==> flow/design.v <==
module shft_p #(
    parameter integer XLEN = 12,
    parameter integer LG = $clog2(XLEN)
) (
    input wire ck,
    input wire aresetn,
    input wire [XLEN-1:0] in,
    input wire [LG-1:0] dist_in,
    output reg [XLEN-1:0] data_out
);
    reg [XLEN-1:0] nxt;
    integer n;
    always @(*) begin
        nxt = in;
        for (n = 0; n < LG; n = n + 1)
            if (dist_in[n]) nxt = nxt >> (1 << n);
    end
    always @(posedge ck) begin
        if (!aresetn) begin
            data_out <= 0;
        end else begin
            data_out <= nxt;
        end
    end
endmodule
Tool chain data of shft_p

The steps from the RTL of shft_p to its reports follow in flow order.
Line numbers count from 1 in the design file above.
Operators carry their Yosys type and port widths (W data, S select, Z words).
Cell names lack the library's common part.
A cell with -- has no value.

Top module: shft_p
Clock: ck
Cell library: sky130hd
Timing corner: tt_025C_1v80

Elaborated design

Yosys after proc, flatten, opt, wreduce and memory -nomap, before mapping. Enables and synchronous resets that opt folds into registers are not counted as muxes. Memory bits, and registers merged into a memory's read port (data or address), are not among the register bits. Print and check cells are not counted. Equal cells are merged and count once.

Reduce/logical cells: 1
Bitwise logic cells: 1
Mux-type cells: 4

Operators with widths:

| kind             | count |
| $mux W12         | 3 |
| $mux W4          | 1 |
| $reduce_or A2 Y1 | 1 |
| $not A1 Y1       | 1 |

Flip-flop bits (word level): 12
Output and inout port bits: 12
Elaborated cells: 8
Bits of input ports: 18

Logic depth

Longest topological path by Yosys (ltp), each cell counted once; first at word level (registers and memories cut), then after technology mapping (sequential cells cut; the memories' decode and read muxes count).

Word-level depth: 4
ABC_AREA: 0
Gate-level depth with buffers: 6
Depth with buffers taken out: 4

Netlist

Source: synth_stat.txt of the flow (Yosys; design flattened, memories mapped). It holds for the ABC_AREA given above (unset counts as 0); a run with the other value may have another netlist.
Totals and module areas in this step are rounded.

Area of sequential cells: 240.2 µm²
Chip area (Yosys): 762.0 µm²
Buffer cells: 6
Cells in the netlist: 73
Flip-flop cells: 12

Cells by type:

| cell type | count | total area (µm²) |
| dfxtp_1   | 12    | 240.23 |
| mux2i_1   | 11    | 110.106 |
| mux4_2    | 3     | 67.565 |
| nor2b_1   | 6     | 37.536 |
| mux2_2    | 3     | 33.782 |
| mux2_4    | 2     | 30.029 |
| mux4_1    | 1     | 26.275 |
| buf_6     | 2     | 22.522 |
| nor2_1    | 6     | 22.522 |
| nor3b_1   | 3     | 22.522 |
| nand2_1   | 5     | 18.768 |
| a221oi_2  | 1     | 15.014 |
| nand2b_1  | 2     | 12.512 |
| buf_2     | 2     | 10.01 |
| nor3_1    | 2     | 10.01 |
| a2111oi_0 | 1     | 8.758 |
| and3b_1   | 1     | 8.758 |
| nor4b_1   | 1     | 8.758 |

Not listed: further types 9, cells in them 9.

Path before layout

Path of least setup slack by OpenSTA after synthesis, without wires, with an ideal clock, recovery checks aside; 20% of the period is set as input and as output delay. Where synthesis merged equal registers, the netlist keeps one of their names.

Kind: in2reg
Start point: input port dist_in[0]
End point: register data_out[3]
Path slack: 0.271 ns
Data arrival time: 1.309 ns
Period: 1.7 ns
Setup time: 0.120 ns
Stages on the path: 5
Delay of the path: 1.089 ns
Synthesis period reached: 1.429 ns

"delay of the path" = arrival - input delay + setup time.
"stages on the path": output pins that drive a net of the path, with the launching flip-flop's if there is one; two outputs of one cell count as two.
"synthesis period reached" is the clock period less the worst setup slack; recovery checks do not enter. This is arithmetic on one report: input and output delays are still those of the set period (20% each).
The rows between start and end are the longest chain of elaborated cells between them; the timing report does not say that the signal goes this way. Where chains are equally long, one stands for them.
Each line given opens the expression or statement behind the cell; cells for indexed reads and writes are added by Yosys, which also makes memories of some case tables.

Cell sequence: buf_6 > mux2_4 > mux2_2 > a221oi_2 > nor2b_1
Length of the longest elaborated chain: 4

RTL lines, path post-synthesis:

| item            | RTL line | source |
| start, declared | 8        | `input wire [LG-1:0] dist_in,` |
| $mux W12 x3     | 16       | `if (dist_in[n]) nxt = nxt >> (1 << n);` |
| $mux W4         | 16       |  |
| end, assigned   | 20       | `data_out <= 0;` |
| end, assigned   | 22       | `data_out <= nxt;` |
| end, declared   | 9        | `output reg [XLEN-1:0] data_out` |

Timing after layout

Path of least setup slack in the final report of flow run A (OpenROAD, finished layout, wires in). Where an end is a register, its clock arrival counts in the times.

Kind: in2reg
Start point: input port in[10]
End point: register data_out[3]
Period: 1.7 ns
Path slack: 0.12 ns
Stages on the path: 5
Setup time: 0.11 ns
Data arrival time: 1.73 ns

The rows between start and end are the longest chain of elaborated cells between them; the timing report does not say that the signal goes this way. Where chains are equally long, one stands for them.

Cell sequence: clkdlybuf4s50_1 > mux2_4 > mux2_4 > a221oi_2 > nor2b_1
Length of the longest elaborated chain: 4

RTL lines, path after layout:

| item            | RTL line | source |
| start, declared | 7        | `input wire [XLEN-1:0] in,` |
| $mux W12 x3     | 16       | `if (dist_in[n]) nxt = nxt >> (1 << n);` |
| $mux W4         | 16       |  |
| end, assigned   | 20       | `data_out <= 0;` |
| end, assigned   | 22       | `data_out <= nxt;` |
| end, declared   | 9        | `output reg [XLEN-1:0] data_out` |

## Implementation results

Measured results for shft_p: 3 stored runs of the Yosys and OpenROAD flow on sky130hd. The settings differ; the order carries no meaning. The constraints put input and output delay at 20% of the set period each and load the outputs with 0.01 pF.
"achieved clock period" = clock period - worst setup slack. The figure is calculated, with input and output delays left at 20% of the set period.
"critical path time" means the part of the period allowed to the worst setup path (the constraints hold back 20% at inputs and 20% at outputs) less its slack; where the path has registers, the arrival times of their clocks count too.
Values from the reports are rounded here.
A setting shown as - is not set for that run.

| item                               | flow run A | flow run B | flow run C |
| period_ns                          | 1.7        | 1.01       | 1.8        |
| CAP_MARGIN                         | 20         | 20         | 15         |
| CORE_MARGIN                        | 2          | 2          | 2          |
| CORE_UTILIZATION                   | 40         | 34         | 16         |
| SLEW_MARGIN                        | 20         | 30         | 25         |
| PLACE_DENSITY_LB_ADDON             | -          | 0.11       | 0.09       |
| CORE_ASPECT_RATIO                  | -          | 1.84       | 0.55       |
| CELL_PAD_IN_SITES_GLOBAL_PLACEMENT | -          | 1          | -          |
| CELL_PAD_IN_SITES_DETAIL_PLACEMENT | -          | 2          | -          |
| GPL_TIMING_DRIVEN                  | -          | 0          | 1          |
| CTS_CLUSTER_DIAMETER               | -          | 336        | -          |
| MAX_ROUTING_LAYER                  | -          | met4       | -          |
| TNS_END_PERCENT                    | -          | -          | 15         |
| ABC_AREA                           | -          | -          | 0          |
| MIN_ROUTING_LAYER                  | -          | -          | met1       |
| achieved clock period (ns)         | 1.582      | 1.300      | 1.616      |
| worst slack on setup checks (ns)   | 0.118      | -0.290     | 0.184      |
| critical path time (ns)            | 1.24       | 1.10       | 1.26       |
| kind of the worst setup path       | in2reg     | in2reg     | in2reg     |
| die outline area (µm²)             | 2270       | 2654       | 5355       |
| total negative setup slack (ns)    | 0.000      | -0.890     | 0.000      |
| synthesis area (µm²)               | 762.0      | 762.0      | 762.0      |
| utilization after layout (%)       | 68.2       | 60.6       | 28.7       |
